==> flow/design.v <==
module plus_mod #(
    parameter WD = 10
) (
    input clk_i,
    input rst_ni,
    input [WD-1:0] first,
    input [WD-1:0] second,
    input [WD-1:0] third,
    output [WD+1:0] result
);
    reg [WD+1:0] result_reg;
    always @(posedge clk_i) begin
        if (!rst_ni) begin
            result_reg <= 0;
        end else begin
            result_reg <= first + second + third;
        end
    end
    assign result = result_reg;
endmodule
# From RTL to reports: plus_mod
# Module plus_mod in several versions that differ in "WD"; each step lists the members.
# The file above is the member WD=10. Line numbers count from 1 in each member's own file.
# The mark - stands for no value.
[inputs]
design = "plus_mod"
clk_port = "clk_i"
library = "sky130hd"
corner = "tt_025C_1v80"

# Members of the sweep
# Lines of each other member's file that are new or changed against the file above; lines that a member lacks are not shown.
[changed_lines]
columns = ["WD", "line", "source"]
rows = [
  [32, 2, "parameter WD = 32"],
  [40, 2, "parameter WD = 40"],
]

# After elaboration
# Counts by Yosys on the flattened word-level netlist (proc, flatten, opt, wreduce; memories kept). Register bits leave out memories and registers merged into their read ports (data or address); mux counts leave out enables and synchronous resets folded into registers. Print and check cells are left out. Cells with the same type and inputs are merged into one.
[word_totals]
columns = ["WD", "reg_bits", "input_bits", "output_inout_bits", "word_cells"]
rows = [
  [10, 12, 32, 12, 3],
  [32, 34, 98, 34, 3],
  [40, 42, 122, 42, 3],
]
[op_classes]
columns = ["WD", "addsub"]
rows = [
  [10, 2],
  [32, 2],
  [40, 2],
]
[ops]
columns = ["WD", "operators"]
rows = [
  [10, "adder 11 x 10 -> 12 bit: 1; adder 10 x 10 -> 11 bit: 1"],
  [32, "adder 33 x 32 -> 34 bit: 1; adder 32 x 32 -> 33 bit: 1"],
  [40, "adder 41 x 40 -> 42 bit: 1; adder 40 x 40 -> 41 bit: 1"],
]

# Depth
# Longest topological path by Yosys (ltp), each cell counted once; first at word level (registers and memories cut), then after technology mapping (sequential cells cut; the memories' decode and read muxes count).
[logic_depth]
columns = ["WD", "ltp_word", "abc_area", "mapped_depth", "mapped_depth_nobuf"]
rows = [
  [10, 2, 0, 11, 11],
  [32, 2, 0, 11, 11],
  [40, 2, 0, 12, 12],
]

# Synthesis result
# The flow's flattened synthesis, as Yosys stat reports it; memories are mapped. The netlist is that of the ABC_AREA named above (0 if unset); the other value can give another one.
# Totals and module areas in this step are rounded.
[synth_totals]
columns = ["WD", "mapped_cells", "synth_area_um2", "seq_area_um2", "flip_flops", "buf_cells"]
rows = [
  [10, 95, 940, 240, 12, 0],
  [32, 382, 3430, 681, 34, 17],
  [40, 500, 4340, 841, 42, 23],
]
[by_type]
columns = ["WD", "type_list"]
rows = [
  [10, "sky130_fd_sc_hd__dfxtp_1: 12; sky130_fd_sc_hd__fa_1: 11; sky130_fd_sc_hd__ha_1: 9; sky130_fd_sc_hd__inv_1: 14; sky130_fd_sc_hd__nor2_1: 9; sky130_fd_sc_hd__o21a_1: 4; sky130_fd_sc_hd__xor2_1: 3; sky130_fd_sc_hd__o21ai_0: 5; sky130_fd_sc_hd__a211oi_1: 3; sky130_fd_sc_hd__a21oi_1: 4; sky130_fd_sc_hd__mux2i_1: 2; sky130_fd_sc_hd__o32ai_2: 1; sky130_fd_sc_hd__a21o_1: 2; sky130_fd_sc_hd__nand2_1: 4; sky130_fd_sc_hd__nor2b_4: 1; sky130_fd_sc_hd__o22ai_2: 1; sky130_fd_sc_hd__or3_1: 2; sky130_fd_sc_hd__o31a_1: 1; [+7]"],
  [32, "sky130_fd_sc_hd__dfxtp_1: 34; sky130_fd_sc_hd__fa_1: 33; sky130_fd_sc_hd__ha_1: 31; sky130_fd_sc_hd__a21oi_1: 42; sky130_fd_sc_hd__nand2_1: 37; sky130_fd_sc_hd__and2_1: 18; sky130_fd_sc_hd__o21ai_0: 18; sky130_fd_sc_hd__mux2i_1: 8; sky130_fd_sc_hd__xnor2_1: 8; sky130_fd_sc_hd__xor2_1: 8; sky130_fd_sc_hd__nand4_1: 11; sky130_fd_sc_hd__a21o_1: 9; sky130_fd_sc_hd__nor2_1: 14; sky130_fd_sc_hd__o211ai_1: 7; sky130_fd_sc_hd__nand2b_1: 8; sky130_fd_sc_hd__clkbuf_1: 11; sky130_fd_sc_hd__nor3_1: 8; sky130_fd_sc_hd__inv_1: 9; [+68]"],
  [40, "sky130_fd_sc_hd__dfxtp_1: 42; sky130_fd_sc_hd__fa_1: 41; sky130_fd_sc_hd__ha_1: 39; sky130_fd_sc_hd__a21oi_1: 45; sky130_fd_sc_hd__nand2_1: 51; sky130_fd_sc_hd__and2_1: 25; sky130_fd_sc_hd__o21ai_0: 29; sky130_fd_sc_hd__xnor2_1: 15; sky130_fd_sc_hd__nor2_1: 33; sky130_fd_sc_hd__a21o_1: 16; sky130_fd_sc_hd__nand4_1: 19; sky130_fd_sc_hd__clkbuf_1: 21; sky130_fd_sc_hd__xor2_1: 9; sky130_fd_sc_hd__mux2i_1: 7; sky130_fd_sc_hd__o211ai_1: 8; sky130_fd_sc_hd__inv_1: 14; sky130_fd_sc_hd__a31oi_1: 8; sky130_fd_sc_hd__nand2b_1: 8; [+70]"],
]
# The mark [+n] counts cells that are not listed.

# Worst setup path after synthesis
# Source: OpenSTA report_checks on the synthesized netlist (no wires, ideal clock, input and output delay 20% of the period each), path of least setup slack; recovery checks are left aside. Register names are those of the netlist, which keeps one name where synthesis merged equal registers.
[synth_path]
columns = ["WD", "kind", "start", "end", "clock_period_ps", "setup_slack_ps", "stages", "delay_ps", "period_less_setup_slack_ps"]
rows = [
  [10, "input to register", "in first[1]", "reg result_reg[9]", 2900, 464, 9, 1856, 2436],
  [32, "input to register", "in first[1]", "reg result_reg[31]", 3930, 632, 9, 2513, 3298],
  [40, "input to register", "in first[1]", "reg result_reg[41]", 4170, 665, 10, 2671, 3505],
]
# "delay_ps" is the arrival time less input delay plus setup time.
# "stages" counts driving pins, that of a launching flip-flop among them; a cell with two outputs on the path counts twice.
# "period_less_setup_slack_ps" is the clock period less the worst setup slack; recovery checks do not enter. This is arithmetic on one report: input and output delays are still those of the set period (20% each).
# The rows between start and end are the longest chain of elaborated cells between them; the timing report does not say that the signal goes this way. Where chains are equally long, one stands for them.
# A line is the first line of the expression or statement that the cell stems from. Yosys adds cells for indexed reads and writes and turns some case tables into memories.
[synth_between_WD_10]
elab_chain_cells = 2
[synth_lines_WD_10]
columns = ["item", "line", "source"]
rows = [
  ["from (decl)", 6, "input [WD-1:0] first,"],
  ["adder 10 x 10 -> 11 bit", 16, "result_reg <= first + second + third;"],
  ["adder 11 x 10 -> 12 bit", 16, ""],
  ["to (assign)", 14, "result_reg <= 0;"],
  ["to (assign)", 16, ""],
  ["to (decl)", 11, "reg [WD+1:0] result_reg;"],
]
[synth_between_WD_40]
elab_chain_cells = 2
[synth_lines_WD_40]
columns = ["item", "line", "source"]
rows = [
  ["from (decl)", 6, "input [WD-1:0] first,"],
  ["adder 40 x 40 -> 41 bit", 16, "result_reg <= first + second + third;"],
  ["adder 41 x 40 -> 42 bit", 16, ""],
  ["to (assign)", 14, "result_reg <= 0;"],
  ["to (assign)", 16, ""],
  ["to (decl)", 11, "reg [WD+1:0] result_reg;"],
]

# Path in the finished layout
# From the final timing report of each member's run: the path of least setup slack in the routed layout; clock arrival at registers is part of the times.
# The path's times are printed in steps of 10 ps; the period is the one set.
[layout_path]
columns = ["WD", "kind", "start", "end", "clock_period_ps", "setup_slack_ps", "stages", "arrival_time_ps", "n_path_buf"]
rows = [
  [10, "input to register", "in first[1]", "reg result_reg[7]", 2900, 190, 10, 2910, 1],
  [32, "input to register", "in first[1]", "reg result_reg[25]", 3930, 290, 10, 3860, 1],
  [40, "input to register", "in first[1]", "reg result_reg[39]", 4170, 410, 11, 3950, 1],
]

# Measured runs
# Settings and results of one run of the flow (Yosys, OpenROAD) for each member follow. The constraints put input and output delay at 20% of the set period each and load the outputs with 0.01 pF.
[settings]
CAP_MARGIN = 20
CORE_MARGIN = 2
CORE_UTILIZATION = 40
SLEW_MARGIN = 20
[settings_by_member]
columns = ["WD", "period_ns"]
rows = [
  [10, 2.9],
  [32, 3.93],
  [40, 4.17],
]
[results]
columns = ["WD", "post_synth_area_um2", "dieArea_um2", "layout_stdcell_area_um2", "post_route_util_pct", "setup_worst_slack_ps", "total_negative_slack_ps", "fin_hold_ws_ps", "design_power_mw", "achieved_period_ps"]
rows = [
  [10, 940, 2750, 1460, 65.8, 195, 0, 1010, 0.706, 2705],
  [32, 3430, 9340, 4990, 60.4, 294, 0, 1190, 2.05, 3636],
  [40, 4340, 11700, 6240, 58.4, 414, 0, 1110, 2.30, 3756],
]
# "achieved_period_ps": clock period set for the run, less the worst setup slack. It is reckoned from that one timing run; input and output delays stay at 20% of the period that was set.
# By "design_power_mw" is meant OpenSTA's value without simulated activity: inputs other than the clock are taken to toggle once in ten clock periods, and the tool carries that through the logic.
# Values from the reports are rounded here.
